==> flow/design.v <==
module reg_word #(parameter N = 8) (
  input wire clk,
  input wire en,
  input wire [N-1:0] d,
  output reg [N-1:0] q
);
  always @(posedge clk)
    if (en) q <= d;
endmodule
module dp_reg_file_v2 #(
  parameter ENTRIES = 10,
  parameter DATA_W = 12,
  parameter N_READ = 8,
  parameter ADDR_W = $clog2(ENTRIES)
) (
  input  wire aclk,
  input  wire wr_i,
  input  wire [ADDR_W-1:0] wr_idx_i,
  input  wire [DATA_W-1:0] write_data_i,
  input  wire [N_READ*ADDR_W-1:0] rsel_i,
  output wire [N_READ*DATA_W-1:0] dout_o
);
  reg wr_ff;
  reg [ADDR_W-1:0] wr_idx_ff;
  reg [DATA_W-1:0] write_data_ff;
  always @(posedge aclk) begin
    wr_ff <= wr_i;
    wr_idx_ff <= wr_idx_i;
    write_data_ff <= write_data_i;
  end
  wire [ENTRIES*DATA_W-1:0] mem;
  genvar k;
  generate
    for (k = 0; k < ENTRIES; k = k + 1) begin : lane
      reg_word #(.N(DATA_W)) u (.clk(aclk), .en(wr_ff && wr_idx_ff == k), .d(write_data_ff), .q(mem[k*DATA_W +: DATA_W]));
    end
  endgenerate
  reg [N_READ*ADDR_W-1:0] rsel_ff;
  always @(posedge aclk) begin
    rsel_ff <= rsel_i;
  end
  wire [N_READ*DATA_W-1:0] nxt;
  genvar gj;
  generate
    for (gj = 0; gj < N_READ; gj = gj + 1) begin : g_bit
      assign nxt[gj*DATA_W +: DATA_W] = mem[rsel_ff[gj*ADDR_W +: ADDR_W]*DATA_W +: DATA_W];
    end
  endgenerate
  reg [N_READ*DATA_W-1:0] dout_ff;
  always @(posedge aclk) begin
    dout_ff <= nxt;
  end
  assign dout_o = dout_ff;
endmodule
* Step by step through the tools: dp_reg_file_v2
The steps from the RTL of dp_reg_file_v2 to its reports follow in flow order.
Line numbers count from 1 in the design file above.
Library cell names are shortened.
A cell with n/a has no value.
- Design top :: dp_reg_file_v2
- Clock input :: aclk
- Standard-cell library :: sky130hd
- Library corner :: tt_025C_1v80

* Word-level counts
Yosys after proc, flatten, opt, wreduce and memory -nomap, before mapping. Enables and synchronous resets that opt folds into registers are not counted as muxes. Memory bits, and registers merged into a memory's read port (data or address), are not among the register bits. Print and check cells are not counted. Equal cells are merged and count once.
- Input port bits :: 50
- Flip-flop bits (word level) :: 265
- Elaborated cells :: 51
- Output and inout port bits :: 96
- Shifts and indexed selects :: 8
- Equality and inequality tests :: 9
- Multiply operators :: 8
- Reduce/logical cells :: 11
** Operator list (count)
- indexed select 120 x 9 -> 12 bit :: 8
- multiplier 4 x 2 -> 6 bit with constant B :: 8
- equality test 4 x 3 -> 1 bit with constant B :: 4
- logical AND 1 bit :: 10
- equality test 4 x 2 -> 1 bit with constant B :: 2
- equality test 4 bit with constant B :: 2
- equality test 4 x 1 -> 1 bit with constant B :: 1
- zero test 4 bit :: 1

* Logic depth
Yosys ltp: most cells in a row. Word level: on the elaborated netlist, between registers, memories and ports. Mapped: between sequential cells and ports; inverters and the memories' decode and read muxes count.
- Word-level depth :: 2
- ABC_AREA :: 0
- Mapped depth :: 5
- Depth with buffers taken out :: 3

* Netlist
Yosys stat after the flow's synthesis: flattened, memories mapped to cells. It holds for the ABC_AREA given above (unset counts as 0); a run with the other value may have another netlist.
The area totals of this step are shown rounded.
- Area of sequential cells :: 6506 um2
- Cell area after synthesis :: 14960 um2
- Mapped flip-flops :: 265
- Buffer cells :: 88
- Standard cells after synthesis :: 1161
** Cells by type
- edfxtp_1 :: count 120, area in all 3.6E+03 um2
- mux2_2 :: count 288, area in all 3243.11 um2
- dfxtp_1 :: count 145, area in all 2.9E+03 um2
- mux4_2 :: count 62, area in all 1.4E+03 um2
- mux4_1 :: count 34, area in all 893.357 um2
- o31ai_1 :: count 93, area in all 698.17 um2
- o22ai_1 :: count 96, area in all 600.576 um2
- nand2_1 :: count 105, area in all 394.128 um2
- nor2_1 :: count 103, area in all 386.621 um2
- buf_2 :: count 44, area in all 220.211 um2
- buf_6 :: count 14, area in all 157.651 um2
- buf_12 :: count 6, area in all 120.115 um2
- nand2b_1 :: count 10, area in all 62.56 um2
- buf_4 :: count 8, area in all 60.058 um2
- nor3b_1 :: count 8, area in all 60.058 um2
- clkbuf_1 :: count 14, area in all 52.55 um2
- o31ai_2 :: count 3, area in all 37.536 um2
- buf_8 :: count 2, area in all 30.029 um2
Other cell types: 3; their cells: 6.
The figures by module come from a second, unflattened synthesis with its own total; it is not the netlist above.
- Cell total of the unflattened synthesis :: 1161
- Area total of the unflattened synthesis :: 14960 um2
Each row is one instance without its submodules.
** By module
- dp_reg_file_v2 :: instances 1, cells 1041, area 11360 um2, sequential area 2903 um2
- reg_word (N=12) :: instances 10, cells 12, area 360.3 um2, sequential area 360.3 um2

* Worst setup path after synthesis
Path of least setup slack by OpenSTA after synthesis, without wires, with an ideal clock, recovery checks aside; 20% of the period is set as input and as output delay. Where synthesis merged equal registers, the netlist keeps one of their names.
- Path type :: reg-to-reg
- Start point :: register wr_ff
- End point :: register lane[0].u.q[0]
- Clock period :: 2600 ps
- Data required time :: 2204 ps
- Time at the first pin :: 0 ps
- Path buffers :: 0
- Path slack :: 522 ps
- Library setup time :: 396 ps
- Path delay :: 2078 ps
- Stages on the path :: 3
- Arrival time :: 1682 ps
- Synthesis period reached :: 2078 ps
"path delay" is the arrival time less input delay plus setup time.
"stages on the path" counts driving pins, that of a launching flip-flop among them; a cell with two outputs on the path counts twice.
"synthesis period reached" is the clock period less the worst setup slack; recovery checks do not enter. This is arithmetic on one report: input and output delays are still those of the set period (20% each).
Between the ends stands the longest chain of elaborated cells between them, by number of cells; it is not shown to be the way that was timed. Of several equally long chains one is given.
Each line given opens the expression or statement behind the cell; cells for indexed reads and writes are added by Yosys, which also makes memories of some case tables.
- Cells stage by stage :: dfxtp_1 or3b_2 nor3_1
- Length of the longest elaborated chain :: 1
- Elaborated cells between the ends (all ways) :: 1
- Source lines of those cells :: 1
- Classes of those cells :: reduce/logical: 1
** RTL lines, path after synthesis
- from (decl) :: line 23 : reg wr_ff;
- from (assign) :: line 27 : wr_ff <= wr_i;
- logical AND 1 bit :: line 35 : reg_word #(.N(DATA_W)) u (.clk(aclk), .en(wr_ff && wr_idx_ff == k), .d(write_data_ff), .q(mem[k*DATA_W +: DATA ...
- to (assign) :: line 8 : if (en) q <= d;
- to (decl) :: line 5 : output reg [N-1:0] q

* Worst path after layout
From the final timing report of run 1: the path of least setup slack in the routed layout; clock arrival at registers is part of the times.
The path's times are printed in steps of 10 ps; the period is the one set.
- Path type :: reg-to-output
- Start point :: register dout_ff[35]
- End point :: output port dout_o[35]
- Path buffers :: 1
- Data required time :: 2080 ps
- Time at the first pin :: 590 ps
- External output delay :: 520 ps
- Stages on the path :: 2
- Arrival time :: 1580 ps
- Clock period :: 2600 ps
- Path slack :: 500 ps
- Cells stage by stage :: dfxtp_1 clkdlybuf4s50_1
- Length of the longest elaborated chain :: 0
- Elaborated cells between the ends (all ways) :: 0
- Source lines of those cells :: 0
** RTL lines, path after layout
- from (decl) :: line 49 : reg [N_READ*DATA_W-1:0] dout_ff;
- from (assign) :: line 51 : dout_ff <= nxt;
- to (decl) :: line 21 : output wire [N_READ*DATA_W-1:0] dout_o

==> results <==
Record of 3 stored runs of the RTL-to-layout flow on dp_reg_file_v2, platform sky130hd. The runs are unordered. Constraints: input delay and output delay 20% of the set period each, output load 0.01 pF.
By "period reached" is meant the clock period of the run minus its worst setup slack. This is arithmetic on one report: input and output delays are still those of the set period (20% each).
"total power of the final layout": no workload was simulated; the value follows from the tool's default switching activity.
Results are given in rounded form.

** Run 1
- Settings :: period_ns=2.6; CAP_MARGIN=20; CORE_MARGIN=2; CORE_UTILIZATION=40; SLEW_MARGIN=20
- Setup TNS :: 0 ps
- Total power of the final layout :: 0.01069 W
- Synthesis area :: 14,960 um2
- Total die area :: 38,960 um2
- Standard-cell area after layout :: 17,910 um2
- Setup slack of the critical path :: 505 ps
- Period reached :: 2,095 ps

** Run 2
- Settings :: period_ns=2.79; CORE_UTILIZATION=38; SETUP_SLACK_MARGIN=0.71; PLACE_DENSITY=0.41; CORE_MARGIN=7; ABC_AREA=1; GPL_TIMING_DRIVEN=1; MAX_ROUTING_LAYER=met4; CAP_MARGIN=20; SLEW_MARGIN=20
- Setup TNS :: 0 ps
- Synthesis area :: 16,080 um2
- Standard-cell area after layout :: 18,540 um2
- Total die area :: 48,280 um2
- Period reached :: 2,052 ps
- Setup slack of the critical path :: 738 ps
- Total power of the final layout :: 0.01063 W

** Run 3
- Settings :: period_ns=2.66; CORE_UTILIZATION=36; SETUP_SLACK_MARGIN=0.46; PLACE_DENSITY_LB_ADDON=0.13; CORE_MARGIN=5; ABC_AREA=0; CTS_CLUSTER_DIAMETER=110; SLEW_MARGIN=15; MIN_ROUTING_LAYER=met1; CAP_MARGIN=20
- Setup TNS :: 0 ps
- Period reached :: 2,069 ps
- Synthesis area :: 14,960 um2
- Standard-cell area after layout :: 18,000 um2
- Setup slack of the critical path :: 591 ps
- Total power of the final layout :: 0.0103 W
- Total die area :: 45,730 um2
